==> flow/design.v <==
module word #(parameter N = 8) (
  input wire clk,
  input wire en,
  input wire [N-1:0] d,
  output reg [N-1:0] q
);
  always @(posedge clk)
    if (en) q <= d;
endmodule
module sync_mem_v2 #(
  parameter NUM_REGS = 8,
  parameter WIDTH = 8,
  parameter NR = 8,
  parameter AWIDTH = $clog2(NUM_REGS)
) (
  input  ck,
  input  rst_i,
  input  in_wr_en,
  input  [AWIDTH-1:0] in_waddr,
  input  [WIDTH-1:0] in_write_data,
  input  [NR*AWIDTH-1:0] in_raddr,
  output [NR*WIDTH-1:0] out_dout
);
  reg wr_en_reg;
  reg [AWIDTH-1:0] waddr_reg;
  reg [WIDTH-1:0] write_data_reg;
  always @(posedge ck or posedge rst_i) begin
    if (rst_i) begin
      wr_en_reg <= 1'b0;
      waddr_reg <= 0;
      write_data_reg <= 0;
    end else begin
      wr_en_reg <= in_wr_en;
      waddr_reg <= in_waddr;
      write_data_reg <= in_write_data;
    end
  end
  wire [NUM_REGS*WIDTH-1:0] regs;
  genvar i;
  generate
    for (i = 0; i < NUM_REGS; i = i + 1) begin : each
      word #(.N(WIDTH)) i_sub (.clk(ck), .en(wr_en_reg && waddr_reg == i), .d(write_data_reg), .q(regs[i*WIDTH +: WIDTH]));
    end
  endgenerate
  reg [NR*AWIDTH-1:0] raddr_reg;
  always @(posedge ck or posedge rst_i) begin
    if (rst_i) begin
      raddr_reg <= 0;
    end else begin
      raddr_reg <= in_raddr;
    end
  end
  wire [NR*WIDTH-1:0] tmp;
  genvar j;
  generate
    for (j = 0; j < NR; j = j + 1) begin : gen
      assign tmp[j*WIDTH +: WIDTH] = regs[raddr_reg[j*AWIDTH +: AWIDTH]*WIDTH +: WIDTH];
    end
  endgenerate
  assign out_dout = tmp;
endmodule
* Reports on sync_mem_v2
What the tools print for sync_mem_v2, step after step.
Lines are those of the file above, counted from 1.
Library cell names are shortened.
The mark n/a stands for no value.
- Top module :: sync_mem_v2
- Clock :: ck
- Library :: sky130hd
- Timing corner :: tt_025C_1v80

* Word level
Yosys after proc, flatten, opt, wreduce and memory -nomap, before mapping. Enables and synchronous resets that opt folds into registers are not counted as muxes. Memory bits, and registers merged into a memory's read port (data or address), are not among the register bits. Print and check cells are not counted. Equal cells are merged and count once.
- Register bits :: 100
- Word-level cells :: 36
- Input bits :: 38
- Equality and inequality tests :: 7
- Shift-type cells :: 8
- Reductions and logical operators :: 9
** Operators by type and width (count)
- 64-bit by 7-bit variable part select with 8-bit output :: 8
- 3-bit == test with constant B :: 4
- 1-bit logical AND :: 8
- 3-bit by 2-bit == test with 1-bit output with constant B :: 2
- 3-bit by 1-bit == test with 1-bit output with constant B :: 1
- 3-bit logical NOT :: 1

* Depth
Depth = most cells in a row (Yosys ltp): at word level without a register or memory, in the mapped netlist without a sequential cell, where the memories' decode and read muxes count.
- Word-level depth :: 2
- ABC_AREA :: 0
- Gate-level depth with buffers :: 4
- Gate-level depth less buffers :: 2

* Mapped cells and area
Yosys stat after the flow's synthesis: flattened, memories mapped to cells. It holds for the ABC_AREA given above (unset counts as 0); a run with the other value may have another netlist.
The area totals of this step are shown rounded.
- Buffer cells :: 40
- Chip area (Yosys) :: 0.0072 mm2
- Sequential part of the area :: 0.0028 mm2
- Flip-flops :: 100
- Standard cells after synthesis :: 346
** Cells by type
- mux4_1 :: count 97, total area 2.55E+03 um2
- edfxtp_1 :: count 64, total area 1.92E+03 um2
- dfrtp_1 :: count 36, total area 900.864 um2
- mux2_2 :: count 64, total area 720.691 um2
- mux4_2 :: count 31, total area 698.17 um2
- buf_12 :: count 8, total area 160.154 um2
- buf_6 :: count 8, total area 90.086 um2
- buf_2 :: count 8, total area 40.038 um2
- buf_1 :: count 8, total area 30.029 um2
- clkbuf_1 :: count 8, total area 30.029 um2
- nor2_1 :: count 6, total area 22.522 um2
- nand2b_1 :: count 3, total area 18.768 um2
- nor3_1 :: count 2, total area 10.01 um2
- nand2_1 :: count 2, total area 7.507 um2
- inv_1 :: count 1, total area 3.754 um2
By module: a second synthesis without flattening, with its own total; a netlist apart from the flattened one above.
- Cell total of the unflattened synthesis :: 346
- Area total of the unflattened synthesis :: 0.0072 mm2
Rows give one instance, submodules left out.
** By module
- sync_mem_v2 :: seq. area 0.0009 mm2, area 0.0053 mm2, cells 282, times used 1
- word (N=8) :: seq. area 0.00024 mm2, area 0.00024 mm2, cells 8, times used 8

* Timing after synthesis
OpenSTA on the mapped netlist: ideal clock, no wires. The path of least setup slack (recovery checks aside). Input and output delay are each 20% of the period. Register names are those of the netlist, which keeps one name where synthesis merged equal registers.
- Path type :: reg2out
- Start point :: register raddr_reg[0]
- End point :: output out_dout[0]
- Arrival :: 1.406 ns
- Required time :: 1.760 ns
- Buffers on the path :: 2
- Stages on the path :: 5
- Launch time at the first pin :: 0.000 ns
- Setup slack :: 0.354 ns
- Delay of the path :: 1.406 ns
- Clock period :: 2.2 ns
- Synthesis period reached :: 1.846 ns
"delay of the path" = arrival - input delay + setup time.
A path that ends at an output port has no setup time.
"stages on the path": output pins that drive a net of the path, with the launching flip-flop's if there is one; two outputs of one cell count as two.
"synthesis period reached" is the clock period less the worst setup slack; recovery checks do not enter. This is arithmetic on one report: input and output delays are still those of the set period (20% each).
The rows between start and end are the longest chain of elaborated cells between them; the timing report does not say that the signal goes this way. Where chains are equally long, one stands for them.
A line is the first line of the expression or statement that the cell stems from. Yosys adds cells for indexed reads and writes and turns some case tables into memories.
- Path through :: dfrtp_1 buf_6 buf_12 mux4_1 mux2_2
- Length of the longest elaborated chain :: 1
- Elaborated cells between the ends (all ways) :: 1
- Those cells by class :: shift (1)
** RTL lines, path post-synthesis
- from (decl) :: line 45 : reg [NR*AWIDTH-1:0] raddr_reg;
- from (assign) :: line 48 : raddr_reg <= 0;
- from (assign) :: line 50 : raddr_reg <= in_raddr;
- 64-bit by 7-bit variable part select with 8-bit output :: line 57 : assign tmp[j*WIDTH +: WIDTH] = regs[raddr_reg[j*AWIDTH +: AWIDTH]*WIDTH +: WIDTH];
- to (decl) :: line 22 : output [NR*WIDTH-1:0] out_dout

* Timing after layout
From the final timing report of run 1: the path of least setup slack in the routed layout; clock arrival at registers is part of the times.
- Path type :: reg2out
- Start point :: register raddr_reg[9]
- End point :: output out_dout[25]
- Clock period :: 2.18 ns
- Arrival :: 2.11 ns
- Stages on the path :: 8
- Setup slack :: -0.37 ns
- Buffers on the path :: 5
- Launch time at the first pin :: 0.35 ns
- Required time :: 1.74 ns
The rows between start and end are the longest chain of elaborated cells between them; the timing report does not say that the signal goes this way. Where chains are equally long, one stands for them.
- Path through :: dfrtp_1 buf_8 buf_12 buf_16 buf_6 mux4_2 mux2_4 buf_6
- Length of the longest elaborated chain :: 1
- Elaborated cells between the ends (all ways) :: 1
- Those cells by class :: shift (1)
** RTL lines, path post-layout
- from (decl) :: line 45 : reg [NR*AWIDTH-1:0] raddr_reg;
- from (assign) :: line 48 : raddr_reg <= 0;
- from (assign) :: line 50 : raddr_reg <= in_raddr;
- 64-bit by 7-bit variable part select with 8-bit output :: line 57 : assign tmp[j*WIDTH +: WIDTH] = regs[raddr_reg[j*AWIDTH +: AWIDTH]*WIDTH +: WIDTH];
- to (decl) :: line 22 : output [NR*WIDTH-1:0] out_dout

FLOW RESULTS
============

Top module sync_mem_v2; platform sky130hd; tools Yosys and OpenROAD; 3 stored runs in no particular order. Input and output delays are each 20% of the period that was set; the output load is 0.01 pF.
"total power of the final layout" rests on the timing tool's default activity at the inputs, not on a simulated workload.
The measured numbers are rounded.

** Run 1
- Settings :: period_ns=2.18; CORE_UTILIZATION=37; SETUP_SLACK_MARGIN=0.5; PLACE_DENSITY_LB_ADDON=0.19; CELL_PAD_IN_SITES_DETAIL_PLACEMENT=2; TNS_END_PERCENT=20; ABC_AREA=0; GPL_TIMING_DRIVEN=0; GPL_ROUTABILITY_DRIVEN=0; CTS_CLUSTER_SIZE=51; MIN_ROUTING_LAYER=met1; CAP_MARGIN=20; CORE_MARGIN=2; SLEW_MARGIN=20
- Standard-cell area of the final layout :: 0.0097 mm2
- Chip area after synthesis (Yosys) :: 0.0072 mm2
- Total power of the final layout :: 5.4 mW
- Smallest setup slack :: -0.37 ns
- Area inside the die boundary :: 0.021 mm2

** Run 2
- Settings :: period_ns=2.2; CAP_MARGIN=20; CORE_MARGIN=2; CORE_UTILIZATION=40; SLEW_MARGIN=20
- Standard-cell area of the final layout :: 0.0093 mm2
- Chip area after synthesis (Yosys) :: 0.0072 mm2
- Total power of the final layout :: 5.2 mW
- Smallest setup slack :: -0.18 ns
- Area inside the die boundary :: 0.019 mm2

** Run 3
- Settings :: period_ns=2.45; CORE_UTILIZATION=37; PLACE_DENSITY=0.78; HOLD_SLACK_MARGIN=-0.09; CORE_ASPECT_RATIO=1.05; CELL_PAD_IN_SITES_DETAIL_PLACEMENT=2; TNS_END_PERCENT=30; GPL_TIMING_DRIVEN=0; GPL_ROUTABILITY_DRIVEN=1; CTS_CLUSTER_SIZE=61; MIN_ROUTING_LAYER=met2; MAX_ROUTING_LAYER=met5; CAP_MARGIN=20; CORE_MARGIN=2; SLEW_MARGIN=20
- Standard-cell area of the final layout :: 0.0093 mm2
- Chip area after synthesis (Yosys) :: 0.0072 mm2
- Total power of the final layout :: 4.8 mW
- Smallest setup slack :: -0.15 ns
- Area inside the die boundary :: 0.021 mm2
